==> flow/design.v <==
module mplex #(
    parameter int DW = 4
) (
    input  logic sys_clk,
    input  logic aresetn,
    input  logic [DW-1:0] in_d_0,
    input  logic [DW-1:0] in_d_1,
    input  logic [DW-1:0] in_d_2,
    input  logic [DW-1:0] in_d_3,
    input  logic [DW-1:0] in_d_4,
    input  logic [DW-1:0] in_d_5,
    input  logic [DW-1:0] in_d_6,
    input  logic [DW-1:0] in_d_7,
    input  logic [DW-1:0] in_d_8,
    input  logic [DW-1:0] in_d_9,
    input  logic [DW-1:0] in_d_10,
    input  logic [DW-1:0] in_d_11,
    input  logic [3:0] in_select,
    output logic [DW-1:0] out_result
);
    logic [DW-1:0] d_0_ff;
    logic [DW-1:0] d_1_ff;
    logic [DW-1:0] d_2_ff;
    logic [DW-1:0] d_3_ff;
    logic [DW-1:0] d_4_ff;
    logic [DW-1:0] d_5_ff;
    logic [DW-1:0] d_6_ff;
    logic [DW-1:0] d_7_ff;
    logic [DW-1:0] d_8_ff;
    logic [DW-1:0] d_9_ff;
    logic [DW-1:0] d_10_ff;
    logic [DW-1:0] d_11_ff;
    logic [3:0] select_ff;
    always_ff @(posedge sys_clk or negedge aresetn) begin
        if (!aresetn) begin
            d_0_ff <= 0;
            d_1_ff <= 0;
            d_2_ff <= 0;
            d_3_ff <= 0;
            d_4_ff <= 0;
            d_5_ff <= 0;
            d_6_ff <= 0;
            d_7_ff <= 0;
            d_8_ff <= 0;
            d_9_ff <= 0;
            d_10_ff <= 0;
            d_11_ff <= 0;
            select_ff <= 0;
        end else begin
            d_0_ff <= in_d_0;
            d_1_ff <= in_d_1;
            d_2_ff <= in_d_2;
            d_3_ff <= in_d_3;
            d_4_ff <= in_d_4;
            d_5_ff <= in_d_5;
            d_6_ff <= in_d_6;
            d_7_ff <= in_d_7;
            d_8_ff <= in_d_8;
            d_9_ff <= in_d_9;
            d_10_ff <= in_d_10;
            d_11_ff <= in_d_11;
            select_ff <= in_select;
        end
    end
    logic [DW-1:0] work;
    always_comb begin
        case (select_ff)
            0: work = d_0_ff;
            1: work = d_1_ff;
            2: work = d_2_ff;
            3: work = d_3_ff;
            4: work = d_4_ff;
            5: work = d_5_ff;
            6: work = d_6_ff;
            7: work = d_7_ff;
            8: work = d_8_ff;
            9: work = d_9_ff;
            10: work = d_10_ff;
            default: work = d_11_ff;
        endcase
    end
    assign out_result = work;
endmodule
### Tool chain data of mplex

Tool output for the design above, in the order of the flow.
Line numbers count from 1 in the design file above.
Cell names lack the library's common part.
The mark - stands for no value.

| inputs | value |
|---|---|
| design top | mplex |
| clock input | sys_clk |
| library | sky130hd |
| library corner | tt_025C_1v80 |

### After elaboration

Source: Yosys, flattened and elaborated, memories not mapped. Widths are those after wreduce; folded enables and synchronous resets count as part of the registers. Registers that Yosys merges into a memory's read port (data or address) are not register bits. Print and check cells do not count. Equal cells are merged and count once.

| storage and ports | value |
|---|---|
| register bits after elaboration | 52 |
| bits of input ports | 54 |
| cells after elaboration | 25 |

| cells by class | value |
|---|---|
| equality and inequality tests | 10 |
| muxes and demuxes | 1 |
| reductions and logical operators | 1 |

Operators with widths:

| cell | count |
|---|---|
| parallel mux 4 bit (select 11 bit) | 1 |
| equality test 4 x 3 -> 1 bit (second input constant) | 4 |
| equality test 4 bit (second input constant) | 3 |
| equality test 4 x 2 -> 1 bit (second input constant) | 2 |
| equality test 4 x 1 -> 1 bit (second input constant) | 1 |
| logical NOT 4 bit | 1 |

### Logic depth

Longest topological path by Yosys (ltp), each cell counted once; first at word level (registers and memories cut), then after technology mapping (sequential cells cut; the memories' decode and read muxes count).

| logic depth | value |
|---|---|
| depth after elaboration | 2 |
| ABC_AREA | 0 |
| mapped depth | 6 |
| gate-level depth less buffers | 4 |

### Netlist

Yosys stat after the flow's synthesis: flattened, memories mapped to cells. It holds for the ABC_AREA given above (unset counts as 0); a run with the other value may have another netlist.

Cell types:

| cell type | count | total area (µm²) |
|---|---|---|
| dfrtp_1 | 52 | 1.3E+03 |
| mux2i_1 | 7 | 70.067 |
| o21ai_0 | 10 | 50.048 |
| a21oi_1 | 7 | 35.034 |
| nand2_1 | 9 | 33.782 |
| mux2_4 | 2 | 30.029 |
| nand3b_1 | 4 | 30.029 |
| o32a_1 | 3 | 30.029 |
| nor2_1 | 7 | 26.275 |
| buf_2 | 5 | 25.024 |
| nand2b_1 | 4 | 25.024 |
| mux4_2 | 1 | 22.522 |
| a31oi_1 | 3 | 18.768 |
| nor4b_1 | 2 | 17.517 |
| buf_4 | 2 | 15.014 |
| and2_1 | 2 | 12.512 |
| nor2b_1 | 2 | 12.512 |
| buf_6 | 1 | 11.261 |

Other cell types: 12; their cells: 15.

| mapped netlist | value |
|---|---|
| cell count | 138 |
| synthesis area | 0.0018655 mm² |
| mapped flip-flops | 52 |
| buffer cells | 8 |

### Timing after synthesis

OpenSTA on the mapped netlist: ideal clock, no wires. The path of least setup slack (recovery checks aside). Input and output delay are each 20% of the period. Register names are those of the netlist, which keeps one name where synthesis merged equal registers.

| path post-synthesis | value |
|---|---|
| kind | register to output |
| from | register select_ff[3] |
| to | output port out_result[1] |
| clock period | 2.15 ns |
| output delay | 0.430 ns |
| launch time at the first pin | 0.000 ns |
| data arrival time | 1.377 ns |
| required time | 1.720 ns |
| setup slack | 0.343 ns |
| delay of the path | 1.377 ns |
| driving pins on the path | 6 |
| path buffers | 1 |
| period reached after synthesis | 1.807 ns |

"delay of the path" = arrival - input delay + setup time.
At an output port there is no setup time.
"driving pins on the path" counts driving pins, that of a launching flip-flop among them; a cell with two outputs on the path counts twice.
"period reached after synthesis" is the clock period less the worst setup slack; recovery checks do not enter. This is arithmetic on one report: input and output delays are still those of the set period (20% each).
Between the ends stands the longest chain of elaborated cells between them, by number of cells; it is not shown to be the way that was timed. Of several equally long chains one is given.
A line is the first line of the expression or statement that the cell stems from. Yosys adds cells for indexed reads and writes and turns some case tables into memories.

| between the ends, post-synthesis | value |
|---|---|
| cells stage by stage | dfrtp_1 -> buf_6 -> mux2_4 -> mux4_2 -> nand2_1 -> a21oi_1 |
| cells in the longest elaborated chain | 2 |

Ends and longest elaborated chain, post-synthesis:

| item | RTL line | source |
|---|---|---|
| start, declared | 33 | `logic [3:0] select_ff;` |
| start, assigned | 48 | `select_ff <= 0;` |
| start, assigned | 62 | `select_ff <= in_select;` |
| equality test 4 bit | 67 | `case (select_ff)` |
| parallel mux 4 bit (select 11 bit) | 67 |  |
| end, declared | 19 | `output logic [DW-1:0] out_result` |

### Timing after layout

From the final timing report of run 2: the path of least setup slack in the routed layout; clock arrival at registers is part of the times.

| path after layout | value |
|---|---|
| kind | register to output |
| from | register select_ff[3] |
| to | output port out_result[2] |
| clock period | 1.13 ns |
| output delay | 0.23 ns |
| launch time at the first pin | 0.30 ns |
| data arrival time | 1.82 ns |
| required time | 0.90 ns |
| setup slack | -0.91 ns |
| driving pins on the path | 7 |
| path buffers | 2 |

Between the ends stands the longest chain of elaborated cells between them, by number of cells; it is not shown to be the way that was timed. Of several equally long chains one is given.

| between the ends, after layout | value |
|---|---|
| cells stage by stage | dfrtp_2 -> buf_4 -> nand2_1 -> a21oi_2 -> o32a_1 -> o32a_1 -> buf_2 |
| cells in the longest elaborated chain | 2 |

Ends and longest elaborated chain, after layout:

| item | RTL line | source |
|---|---|---|
| start, declared | 33 | `logic [3:0] select_ff;` |
| start, assigned | 48 | `select_ff <= 0;` |
| start, assigned | 62 | `select_ff <= in_select;` |
| equality test 4 bit | 67 | `case (select_ff)` |
| parallel mux 4 bit (select 11 bit) | 67 |  |
| end, declared | 19 | `output logic [DW-1:0] out_result` |

Measured data: module mplex, platform sky130hd, 3 stored runs of the flow under differing settings, order arbitrary. Input and output delays are each 20% of the period that was set; the output load is 0.01 pF.
"worst setup path time" = time allowed to the worst setup path (clock period - input delay - output delay, where it has them) - its slack; a late launch clock adds to it, a late capture clock takes from it.
"power": no workload was simulated; the value follows from the tool's default switching activity.
A setting shown as . is not set for that run.
Among the results, . means that no value is shown for the run.

| setting or result | run 1 | run 2 | run 3 |
|---|---|---|---|
| period_ns | 1.42 | 1.13 | 2.15 |
| CORE_UTILIZATION | 43 | 31 | 40 |
| PLACE_DENSITY_LB_ADDON | 0.04 | . | . |
| CELL_PAD_IN_SITES_GLOBAL_PLACEMENT | 3 | . | . |
| CELL_PAD_IN_SITES_DETAIL_PLACEMENT | 0 | 0 | . |
| ABC_AREA | 0 | 0 | . |
| GPL_TIMING_DRIVEN | 0 | . | . |
| GPL_ROUTABILITY_DRIVEN | 0 | 1 | . |
| CTS_CLUSTER_SIZE | 33 | . | . |
| CTS_CLUSTER_DIAMETER | 52 | . | . |
| CAP_MARGIN | 30 | 20 | 20 |
| SLEW_MARGIN | 25 | 20 | 20 |
| CORE_MARGIN | 2 | 7 | 2 |
| SETUP_SLACK_MARGIN | . | 0.2 | . |
| power (mW) | . | 3.556 | 2.097 |
| utilization in the final report (%) | . | 48.7 | 65.5 |
| summed negative setup slack (ns) | . | -3.476 | -0.268 |
| area inside the die boundary (mm²) | . | 0.008386 | 0.0052258 |
| worst setup path time (ns) | . | 1.82 | 1.85 |
| type of the worst setup path | . | register to output | register to output |
| netlist area reported by Yosys (mm²) | . | 0.0018655 | 0.0018655 |
| worst setup slack after layout (ns) | . | -0.912 | -0.125 |

Run 1: no final report: placement broke off with FLW-0024
